==> flow/design.v <==
module plus_blk #(
    parameter W = 4
) (
    input  logic CLK,
    input  logic nrst,
    input  logic [W-1:0] src1,
    input  logic [W-1:0] src2,
    input  logic [W-1:0] src3,
    output logic [W+1:0] s
);
    logic [W-1:0] src1_r;
    logic [W-1:0] src2_r;
    logic [W-1:0] src3_r;
    always_ff @(posedge CLK) begin
        if (!nrst) begin
            src1_r <= 0;
            src2_r <= 0;
            src3_r <= 0;
        end else begin
            src1_r <= src1;
            src2_r <= src2;
            src3_r <= src3;
        end
    end
    assign s = src1_r + src2_r + src3_r;
endmodule
# Step by step through the tools: plus_blk
# Module plus_blk in several versions that differ in "W"; each step lists the members.
# The RTL above is that of W=4; lines are counted from 1 in the file of the member named.
# Library cell names are shortened.
# Not given: -
[design] design="plus_blk" clk_port="CLK" lib="sky130hd" lib_corner="tt_025C_1v80"

# Source of the members
# Lines of each other member's file that are new or changed against the file above; lines that a member lacks are not shown.
[src_changes] W=5 line=2 rtl="parameter W = 5"
[src_changes] W=28 line=2 rtl="parameter W = 28"
[src_changes] W=32 line=2 rtl="parameter W = 32"
[src_changes] W=48 line=2 rtl="parameter W = 48"
[src_changes] W=80 line=2 rtl="parameter W = 80"

# Word-level counts
# Counts by Yosys on the flattened word-level netlist (proc, flatten, opt, wreduce; memories kept). Register bits leave out memories and registers merged into their read ports (data or address); mux counts leave out enables and synchronous resets folded into registers. Print and check cells are left out. Cells with the same type and inputs are merged into one.
[bits] W=4 register_bits=12 in_bits=14 out_inout_bits=6
[bits] W=5 register_bits=15 in_bits=17 out_inout_bits=7
[bits] W=28 register_bits=84 in_bits=86 out_inout_bits=30
[bits] W=32 register_bits=96 in_bits=98 out_inout_bits=34
[bits] W=48 register_bits=144 in_bits=146 out_inout_bits=50
[bits] W=80 register_bits=240 in_bits=242 out_inout_bits=82
[classes] W=4 addsub=2
[classes] W=5 addsub=2
[classes] W=28 addsub=2
[classes] W=32 addsub=2
[classes] W=48 addsub=2
[classes] W=80 addsub=2
[op_table] W=4 op_list="5-bit by 4-bit adder with 6-bit output: 1; 4-bit by 4-bit adder with 5-bit output: 1"
[op_table] W=5 op_list="6-bit by 5-bit adder with 7-bit output: 1; 5-bit by 5-bit adder with 6-bit output: 1"
[op_table] W=28 op_list="29-bit by 28-bit adder with 30-bit output: 1; 28-bit by 28-bit adder with 29-bit output: 1"
[op_table] W=32 op_list="33-bit by 32-bit adder with 34-bit output: 1; 32-bit by 32-bit adder with 33-bit output: 1"
[op_table] W=48 op_list="49-bit by 48-bit adder with 50-bit output: 1; 48-bit by 48-bit adder with 49-bit output: 1"
[op_table] W=80 op_list="81-bit by 80-bit adder with 82-bit output: 1; 80-bit by 80-bit adder with 81-bit output: 1"

# Depth
# Yosys ltp: most cells in a row. Word level: on the elaborated netlist, between registers, memories and ports. Mapped: between sequential cells and ports; inverters and the memories' decode and read muxes count.
[logic_depth] W=4 depth_word=2 abc_area=0 mapped_depth=9
[logic_depth] W=5 depth_word=2 abc_area=0 mapped_depth=8
[logic_depth] W=28 depth_word=2 abc_area=0 mapped_depth=12
[logic_depth] W=32 depth_word=2 abc_area=0 mapped_depth=11
[logic_depth] W=48 depth_word=2 abc_area=0 mapped_depth=14
[logic_depth] W=80 depth_word=2 abc_area=0 mapped_depth=14

# After synthesis
# Source: synth_stat.txt of the flow (Yosys; design flattened, memories mapped). It holds for the ABC_AREA given above (unset counts as 0); a run with the other value may have another netlist.
# The area totals of this step are shown rounded.
[synth_totals] W=4 cells=53 yosys_area_um2=550 ff_cells=12
[synth_totals] W=5 cells=60 yosys_area_um2=680 ff_cells=15
[synth_totals] W=28 cells=410 yosys_area_um2=4200 ff_cells=84
[synth_totals] W=32 cells=485 yosys_area_um2=5000 ff_cells=96
[synth_totals] W=48 cells=761 yosys_area_um2=7600 ff_cells=144
[synth_totals] W=80 cells=1378 yosys_area_um2=13000 ff_cells=240
[by_type] W=4 cell_types="dfxtp_1: 12; fa_1: 5; and2_1: 12; inv_1: 14; ha_1: 3; a21oi_2: 1; xnor2_1: 1; xor2_1: 1; a21o_1: 1; a21oi_1: 1; clkbuf_1: 1; nor2_1: 1"
[by_type] W=5 cell_types="dfxtp_1: 15; fa_1: 6; and2_1: 15; ha_1: 4; inv_1: 10; a21oi_2: 2; xor2_1: 2; a21o_1: 2; xnor2_1: 1; nand2b_1: 1; o22ai_1: 1; clkbuf_1: 1"
[by_type] W=28 cell_types="dfxtp_1: 84; fa_1: 29; and2_1: 85; ha_1: 27; xnor2_1: 17; a21oi_1: 24; xor2_1: 9; o21ai_0: 15; clkbuf_1: 18; a21o_1: 8; nand2_1: 15; nor2_1: 12; nand4_1: 7; nand3_1: 8; o21bai_1: 5; inv_1: 9; and3_1: 4; o211ai_1: 3; (+31)"
[by_type] W=32 cell_types="dfxtp_1: 96; fa_1: 33; and2_1: 101; ha_1: 31; a21o_1: 19; xnor2_1: 16; a21oi_1: 26; xor2_1: 11; nand2_1: 22; o21ai_0: 14; clkbuf_1: 14; o211ai_1: 7; nor2_1: 12; a31oi_1: 7; nand4_1: 7; inv_1: 9; and3_1: 5; a211oi_1: 4; (+51)"
[by_type] W=48 cell_types="dfxtp_1: 144; fa_1: 49; and2_1: 148; ha_1: 47; a21oi_1: 53; xnor2_1: 27; nand2_1: 43; o21ai_0: 30; xor2_1: 15; clkbuf_1: 32; a21o_1: 14; nor2_1: 26; nand4_1: 15; inv_1: 16; o21bai_1: 7; o21a_1: 6; a211o_1: 5; nand3_1: 7; (+77)"
[by_type] W=80 cell_types="dfxtp_1: 240; fa_1: 81; and2_1: 244; ha_1: 79; a21oi_1: 115; xnor2_1: 44; nand2_1: 82; o21ai_0: 51; xor2_1: 28; clkbuf_1: 59; nor2_1: 57; nand4_1: 34; o21bai_1: 25; a21o_1: 24; inv_1: 33; nand3_1: 16; nor3_1: 13; a31oi_1: 10; (+143)"
# The mark (+n) counts cells that are not listed.

# Path before layout
# Source: OpenSTA report_checks on the synthesized netlist (no wires, ideal clock, input and output delay 20% of the period each), path of least setup slack; recovery checks are left aside. Register names are those of the netlist, which keeps one name where synthesis merged equal registers.
[synth_timing] W=4 path_type="register -> output" startpoint="reg src1_r[1]" endpoint="out s[5]" period_ns=2.64 path_slack_ns=0.420 stages=8 delay_ns=1.692 period_less_setup_slack_ns=2.22
[synth_timing] W=5 path_type="register -> output" startpoint="reg src1_r[1]" endpoint="out s[5]" period_ns=3.01 path_slack_ns=0.482 stages=7 delay_ns=1.926 period_less_setup_slack_ns=2.528
[synth_timing] W=28 path_type="register -> output" startpoint="reg src1_r[1]" endpoint="out s[23]" period_ns=4.34 path_slack_ns=0.697 stages=11 delay_ns=2.775 period_less_setup_slack_ns=3.643
[synth_timing] W=32 path_type="register -> output" startpoint="reg src1_r[1]" endpoint="out s[31]" period_ns=4.43 path_slack_ns=0.708 stages=10 delay_ns=2.836 period_less_setup_slack_ns=3.722
[synth_timing] W=48 path_type="register -> output" startpoint="reg src1_r[1]" endpoint="out s[41]" period_ns=5.36 path_slack_ns=0.857 stages=13 delay_ns=3.431 period_less_setup_slack_ns=4.503
[synth_timing] W=80 path_type="register -> output" startpoint="reg src1_r[2]" endpoint="out s[80]" period_ns=4.95 path_slack_ns=0.789 stages=12 delay_ns=3.171 period_less_setup_slack_ns=4.161
# "delay_ns" is the arrival time less input delay plus setup time.
# At an output port there is no setup time.
# "stages" counts driving pins, that of a launching flip-flop among them; a cell with two outputs on the path counts twice.
# "period_less_setup_slack_ns" is the clock period less the worst setup slack; recovery checks do not enter. This is arithmetic on one report: input and output delays are still those of the set period (20% each).
# The rows between start and end are the longest chain of elaborated cells between them; the timing report does not say that the signal goes this way. Where chains are equally long, one stands for them.
# A line is the first line of the expression or statement that the cell stems from. Yosys adds cells for indexed reads and writes and turns some case tables into memories.
[synth_via_W_4] elab_chain_cells=2
[synth_lines_W_4] element="from (decl)" line=11 rtl="logic [W-1:0] src1_r;"
[synth_lines_W_4] element="from (assign)" line=16 rtl="src1_r <= 0;"
[synth_lines_W_4] element="from (assign)" line=20 rtl="src1_r <= src1;"
[synth_lines_W_4] element="4-bit by 4-bit adder with 5-bit output" line=25 rtl="assign s = src1_r + src2_r + src3_r;"
[synth_lines_W_4] element="5-bit by 4-bit adder with 6-bit output" line=25
[synth_lines_W_4] element="to (decl)" line=9 rtl="output logic [W+1:0] s"
[synth_via_W_80] elab_chain_cells=2
[synth_lines_W_80] element="from (decl)" line=11 rtl="logic [W-1:0] src1_r;"
[synth_lines_W_80] element="from (assign)" line=16 rtl="src1_r <= 0;"
[synth_lines_W_80] element="from (assign)" line=20 rtl="src1_r <= src1;"
[synth_lines_W_80] element="80-bit by 80-bit adder with 81-bit output" line=25 rtl="assign s = src1_r + src2_r + src3_r;"
[synth_lines_W_80] element="81-bit by 80-bit adder with 82-bit output" line=25
[synth_lines_W_80] element="to (decl)" line=9 rtl="output logic [W+1:0] s"

# Timing after layout
# Path of least setup slack in the final report of each member's run (OpenROAD, finished layout, wires in). Where an end is a register, its clock arrival counts in the times.
[layout_timing] W=4 path_type="register -> output" startpoint="reg src1_r[1]" endpoint="out s[5]" period_ns=2.64 path_slack_ns=0.11 stages=9 arrival_ns=2.00 path_buffers=1
[layout_timing] W=5 path_type="register -> output" startpoint="reg src1_r[1]" endpoint="out s[2]" period_ns=3.01 path_slack_ns=0.12 stages=5 arrival_ns=2.29 path_buffers=1
[layout_timing] W=28 path_type="register -> output" startpoint="reg src1_r[1]" endpoint="out s[23]" period_ns=4.34 path_slack_ns=0.08 stages=13 arrival_ns=3.39 path_buffers=2
[layout_timing] W=32 path_type="register -> output" startpoint="reg src1_r[1]" endpoint="out s[29]" period_ns=4.43 path_slack_ns=0.07 stages=12 arrival_ns=3.47 path_buffers=2
[layout_timing] W=48 path_type="register -> output" startpoint="reg src1_r[5]" endpoint="out s[40]" period_ns=5.36 path_slack_ns=0.20 stages=13 arrival_ns=4.09 path_buffers=1
[layout_timing] W=80 path_type="register -> output" startpoint="reg src1_r[2]" endpoint="out s[68]" period_ns=4.95 path_slack_ns=-0.02 stages=14 arrival_ns=3.98 path_buffers=3

# Measured runs
# One run of the flow (Yosys, OpenROAD) for each member, with settings and measured results. Input and output delays are each 20% of the period that was set; the output load is 0.01 pF.
[flow_settings] CAP_MARGIN=20 CORE_MARGIN=2 CORE_UTILIZATION=40 SLEW_MARGIN=20
[settings_by_member] W=4 period_ns=2.64
[settings_by_member] W=5 period_ns=3.01
[settings_by_member] W=28 period_ns=4.34
[settings_by_member] W=32 period_ns=4.43
[settings_by_member] W=48 period_ns=5.36
[settings_by_member] W=80 period_ns=4.95
[measured] W=4 synth_area_um2=550 total_die_area_um2=1700 cell_area_final_um2=790 final_setup_ws_ns=0.11 tns_ns=0.000 worst_hold_slack_ns=0.82 period_reached_ns=2.532
[measured] W=5 synth_area_um2=680 total_die_area_um2=2000 cell_area_final_um2=950 final_setup_ws_ns=0.12 tns_ns=0.000 worst_hold_slack_ns=0.91 period_reached_ns=2.887
[measured] W=28 synth_area_um2=4200 total_die_area_um2=11000 cell_area_final_um2=5900 final_setup_ws_ns=0.080 tns_ns=0.000 worst_hold_slack_ns=1.1 period_reached_ns=4.260
[measured] W=32 synth_area_um2=5000 total_die_area_um2=13000 cell_area_final_um2=6900 final_setup_ws_ns=0.070 tns_ns=0.000 worst_hold_slack_ns=1.1 period_reached_ns=4.360
[measured] W=48 synth_area_um2=7600 total_die_area_um2=20000 cell_area_final_um2=10000 final_setup_ws_ns=0.20 tns_ns=0.000 worst_hold_slack_ns=1.2 period_reached_ns=5.161
[measured] W=80 synth_area_um2=13000 total_die_area_um2=35000 cell_area_final_um2=18000 final_setup_ws_ns=-0.018 tns_ns=-0.035 worst_hold_slack_ns=0.92 period_reached_ns=4.968
# By "period_reached_ns" is meant the clock period of the run minus its worst setup slack. This is arithmetic on one report: input and output delays are still those of the set period (20% each).
# Results are given in rounded form.
